==> flow/design.v <==
module alu_registers_rtl #(
  parameter D = 48,
  parameter WIDTH = 8,
  parameter ADDR_WIDTH = $clog2(D)
) (
  input wire CLK,
  input wire i_rst_n,
  input wire in_wr,
  input wire [ADDR_WIDTH-1:0] in_wsel,
  input wire [WIDTH-1:0] in_write_data,
  input wire [ADDR_WIDTH-1:0] in_raddr_a,
  input wire [ADDR_WIDTH-1:0] in_raddr_b,
  output wire [WIDTH-1:0] out_read_data_a,
  output wire [WIDTH-1:0] out_read_data_b
);
  reg wr_s;
  reg [ADDR_WIDTH-1:0] wsel_s;
  reg [WIDTH-1:0] write_data_s;
  always @(posedge CLK or negedge i_rst_n) begin
    if (!i_rst_n) begin
      wr_s <= 1'b0;
      wsel_s <= 0;
      write_data_s <= 0;
    end else begin
      wr_s <= in_wr;
      wsel_s <= in_wsel;
      write_data_s <= in_write_data;
    end
  end
  reg [WIDTH-1:0] ram [0:D-1];
  always @(posedge CLK) begin
    if (wr_s && wsel_s != 0)
      ram[wsel_s] <= write_data_s;
  end
  reg [ADDR_WIDTH-1:0] raddr_a_s;
  reg [ADDR_WIDTH-1:0] raddr_b_s;
  reg [WIDTH-1:0] read_data_a_s;
  always @(posedge CLK or negedge i_rst_n) begin
    if (!i_rst_n) begin
      raddr_a_s <= 0;
      raddr_b_s <= 0;
      read_data_a_s <= 0;
    end else begin
      raddr_a_s <= in_raddr_a;
      raddr_b_s <= in_raddr_b;
      read_data_a_s <= (raddr_a_s == 0) ? {WIDTH{1'b0}} : ram[raddr_a_s];
    end
  end
  assign out_read_data_a = read_data_a_s;
  reg [WIDTH-1:0] read_data_b_s;
  always @(posedge CLK or negedge i_rst_n) begin
    if (!i_rst_n) begin
      read_data_b_s <= 0;
    end else begin
      read_data_b_s <= (raddr_b_s == 0) ? {WIDTH{1'b0}} : ram[raddr_b_s];
    end
  end
  assign out_read_data_b = read_data_b_s;
endmodule
## Reports on alu_registers_rtl

What the tools print for alu_registers_rtl, step after step.
Line numbers count from 1 in the design file above.
A cell with n/a has no value.

| design | value |
|---|---|
| top module | alu_registers_rtl |
| clock port | CLK |
| standard-cell library | sky130hd |
| library corner | tt_025C_1v80 |

## Word-level counts

Source: Yosys, flattened and elaborated, memories not mapped. Widths are those after wreduce; folded enables and synchronous resets count as part of the registers. Registers that Yosys merges into a memory's read port (data or address) are not register bits. Print and check cells do not count. Equal cells are merged and count once.
Memory sizes are those after Yosys's memory passes, which may raise the word count (mostly to a power of two), join words into wider ones and drop unused or constant bits.

| bit counts | value |
|---|---|
| cells after elaboration | 17 |
| memory cells | 1 |
| RAM bits | 384 |
| bits in registers | 43 |

| operators by class | value |
|---|---|
| muxes and demuxes | 5 |
| reduce/logical cells | 4 |

Memories:

| name | depth | width | read ports | write ports | line | text |
|---|---|---|---|---|---|---|
| ram | 48 | 8 | 2 | 1 | 30 | `reg [WIDTH-1:0] ram [0:D-1];` |

Operators with widths:

| cell | number |
|---|---|
| two-way mux 8 bit | 3 |
| logical NOT 6 bit | 2 |
| nonzero test 6 bit | 1 |
| two-way mux 6 bit | 1 |
| logical AND 1 bit | 1 |
| two-way mux 1 bit | 1 |

## Logic depth

Longest topological path by Yosys (ltp), each cell counted once; first at word level (registers and memories cut), then after technology mapping (sequential cells cut; the memories' decode and read muxes count).

| depth | value |
|---|---|
| depth after elaboration | 3 |
| ABC_AREA | 0 |
| depth in mapped cells | 8 |
| gate-level depth less buffers | 5 |

## After synthesis

Yosys stat after the flow's synthesis: flattened, memories mapped to cells. It holds for the ABC_AREA given above (unset counts as 0); a run with the other value may have another netlist.

| synthesis totals | value |
|---|---|
| flip-flop cells | 427 |
| cell area after synthesis | 19278.5 µm² |
| area of sequential cells | 12607.1 µm² |
| mapped cells | 969 |

Cell types:

| type | number | area in all (µm²) |
|---|---|---|
| sky130_fd_sc_hd__edfxtp_1 | 384 | 1.15E+04 |
| sky130_fd_sc_hd__mux4_2 | 185 | 4.17E+03 |
| sky130_fd_sc_hd__dfrtp_1 | 43 | 1.08E+03 |
| sky130_fd_sc_hd__mux2i_1 | 39 | 390.374 |
| sky130_fd_sc_hd__mux4_1 | 11 | 289.027 |
| sky130_fd_sc_hd__nor2_1 | 74 | 277.766 |
| sky130_fd_sc_hd__a22oi_1 | 26 | 195.187 |
| sky130_fd_sc_hd__buf_2 | 25 | 125.12 |
| sky130_fd_sc_hd__buf_4 | 14 | 105.101 |
| sky130_fd_sc_hd__buf_6 | 8 | 90.086 |
| sky130_fd_sc_hd__o22ai_1 | 12 | 75.072 |
| sky130_fd_sc_hd__mux2_2 | 5 | 56.304 |
| sky130_fd_sc_hd__nand2_1 | 15 | 56.304 |
| sky130_fd_sc_hd__a21oi_1 | 10 | 50.048 |
| sky130_fd_sc_hd__nor2b_1 | 8 | 50.048 |
| sky130_fd_sc_hd__clkbuf_1 | 13 | 48.797 |
| sky130_fd_sc_hd__nand3_1 | 9 | 45.043 |
| sky130_fd_sc_hd__nor3_1 | 9 | 45.043 |

Not listed: further types 30, cells in them 79.

## Worst setup path after synthesis

Path of least setup slack by OpenSTA after synthesis, without wires, with an ideal clock, recovery checks aside; 20% of the period is set as input and as output delay. Where synthesis merged equal registers, the netlist keeps one of their names.

| path after synthesis | value |
|---|---|
| kind | flip-flop to flip-flop |
| start point | register raddr_a_s[0] |
| end point | register read_data_a_s[2] |
| setup time | 0.144 ns |
| setup slack | 0.500 ns |
| path delay | 1.991 ns |
| period | 2.49 ns |
| path buffers | 3 |
| driving pins on the path | 9 |
| data required time | 2.346 ns |
| launch time at the first pin | 0.000 ns |
| data arrival time | 1.847 ns |
| synthesis period reached | 1.99 ns |

"path delay" = arrival - input delay + setup time.
"driving pins on the path": output pins that drive a net of the path, with the launching flip-flop's if there is one; two outputs of one cell count as two.
"synthesis period reached" = period - worst setup slack (recovery checks aside). The figure is calculated, with input and output delays left at 20% of the set period.
The rows between start and end are the longest chain of elaborated cells between them; the timing report does not say that the signal goes this way. Where chains are equally long, one stands for them.
Each line given opens the expression or statement behind the cell; cells for indexed reads and writes are added by Yosys, which also makes memories of some case tables.
The chain passes a memory read, where the word-level depth is cut; so it can be longer than that depth.

| on the way, after synthesis | value |
|---|---|
| path through | sky130_fd_sc_hd__dfrtp_1 > sky130_fd_sc_hd__buf_6 > sky130_fd_sc_hd__buf_6 > sky130_fd_sc_hd__buf_2 > sky130_fd_sc_hd__mux4_2 > sky130_fd_sc_hd__a22oi_1 > sky130_fd_sc_hd__nand2_1 > sky130_fd_sc_hd__nor3_1 > sky130_fd_sc_hd__nor2_1 |
| cells in the longest elaborated chain | 2 |

RTL lines, path after synthesis:

| item | line | text |
|---|---|---|
| from (decl) | 35 | `reg [ADDR_WIDTH-1:0] raddr_a_s;` |
| from (assign) | 40 | `raddr_a_s <= 0;` |
| from (assign) | 44 | `raddr_a_s <= in_raddr_a;` |
| memory read (48 x 8 bit) | 30 | `reg [WIDTH-1:0] ram [0:D-1];` |
| two-way mux 8 bit | 46 | `read_data_a_s <= (raddr_a_s == 0) ? {WIDTH{1'b0}} : ram[raddr_a_s];` |
| to (assign) | 42 | `read_data_a_s <= 0;` |
| to (assign) | 46 |  |
| to (decl) | 37 | `reg [WIDTH-1:0] read_data_a_s;` |

## Worst path after layout

Path of least setup slack in the final report of stored run 1 (OpenROAD, finished layout, wires in). Where an end is a register, its clock arrival counts in the times.

| path post-layout | value |
|---|---|
| kind | flip-flop to flip-flop |
| start point | register raddr_a_s[0] |
| end point | register read_data_a_s[6] |
| path buffers | 1 |
| data arrival time | 2.94 ns |
| setup time | 0.12 ns |
| launch time at the first pin | 0.59 ns |
| data required time | 2.95 ns |
| period | 2.49 ns |
| setup slack | 0.01 ns |
| driving pins on the path | 6 |

The rows between start and end are the longest chain of elaborated cells between them; the timing report does not say that the signal goes this way. Where chains are equally long, one stands for them.
The chain passes a memory read, where the word-level depth is cut; so it can be longer than that depth.

| on the way, post-layout | value |
|---|---|
| path through | sky130_fd_sc_hd__dfrtp_4 > sky130_fd_sc_hd__buf_12 > sky130_fd_sc_hd__mux4_1 > sky130_fd_sc_hd__a22oi_1 > sky130_fd_sc_hd__and4_1 > sky130_fd_sc_hd__a21oi_1 |
| cells in the longest elaborated chain | 2 |

RTL lines, path post-layout:

| item | line | text |
|---|---|---|
| from (decl) | 35 | `reg [ADDR_WIDTH-1:0] raddr_a_s;` |
| from (assign) | 40 | `raddr_a_s <= 0;` |
| from (assign) | 44 | `raddr_a_s <= in_raddr_a;` |
| memory read (48 x 8 bit) | 30 | `reg [WIDTH-1:0] ram [0:D-1];` |
| two-way mux 8 bit | 46 | `read_data_a_s <= (raddr_a_s == 0) ? {WIDTH{1'b0}} : ram[raddr_a_s];` |
| to (assign) | 42 | `read_data_a_s <= 0;` |
| to (assign) | 46 |  |
| to (decl) | 37 | `reg [WIDTH-1:0] read_data_a_s;` |

Data sheet: physical implementation of alu_registers_rtl

Flow measurements of alu_registers_rtl on sky130hd: 3 stored runs with different settings, listed in no order. Input and output delays are each 20% of the period that was set; the output load is 0.01 pF.
By "time of the worst setup path" is meant the share of the clock period that the worst setup path is allowed (20% is reserved at inputs, 20% at outputs), minus its slack. Clock arrival times at its registers enter into it.
"overall power" is the tool's figure for a default switching activity; nothing was simulated.
Settings: . = not set for that run.

| item | stored run 1 | stored run 2 | stored run 3 |
|---|---|---|---|
| period_ns | 2.49 | 3.36 | 3.62 |
| CAP_MARGIN | 20 | 20 | 0 |
| CORE_MARGIN | 2 | 7 | 4 |
| CORE_UTILIZATION | 40 | 25 | 52 |
| SLEW_MARGIN | 20 | 20 | 10 |
| PLACE_DENSITY_LB_ADDON | . | 0.14 | . |
| HOLD_SLACK_MARGIN | . | 0.0 | . |
| CORE_ASPECT_RATIO | . | 1.07 | . |
| CELL_PAD_IN_SITES_DETAIL_PLACEMENT | . | 2 | . |
| TNS_END_PERCENT | . | 70 | . |
| GPL_TIMING_DRIVEN | . | 0 | 1 |
| GPL_ROUTABILITY_DRIVEN | . | 1 | 0 |
| CTS_CLUSTER_DIAMETER | . | 118 | 177 |
| SETUP_SLACK_MARGIN | . | . | 0.02 |
| ABC_AREA | . | . | 0 |
| CTS_CLUSTER_SIZE | . | . | 51 |
| area of the synthesized netlist (µm²) | 19278.5 | 19278.5 | 19278.5 |
| die area (µm²) | 49967.9 | 85089.6 | 40218.3 |
| standard-cell area after layout (µm²) | 22982.0 | 23109.7 | 20707.4 |
| utilization after layout (%) | 48.2 | 30.2 | 56.6 |
| setup slack of the worst path (ns) | 0.010 | 0.114 | 0.556 |
| total negative slack (ns) | 0.000 | 0.000 | 0.000 |
| overall power (W) | 0.016432 | 0.012801 | 0.008516 |
| time of the worst setup path (ns) | 2.48 | 3.25 | 3.06 |
| critical path kind | flip-flop to flip-flop | flip-flop to flip-flop | flip-flop to flip-flop |
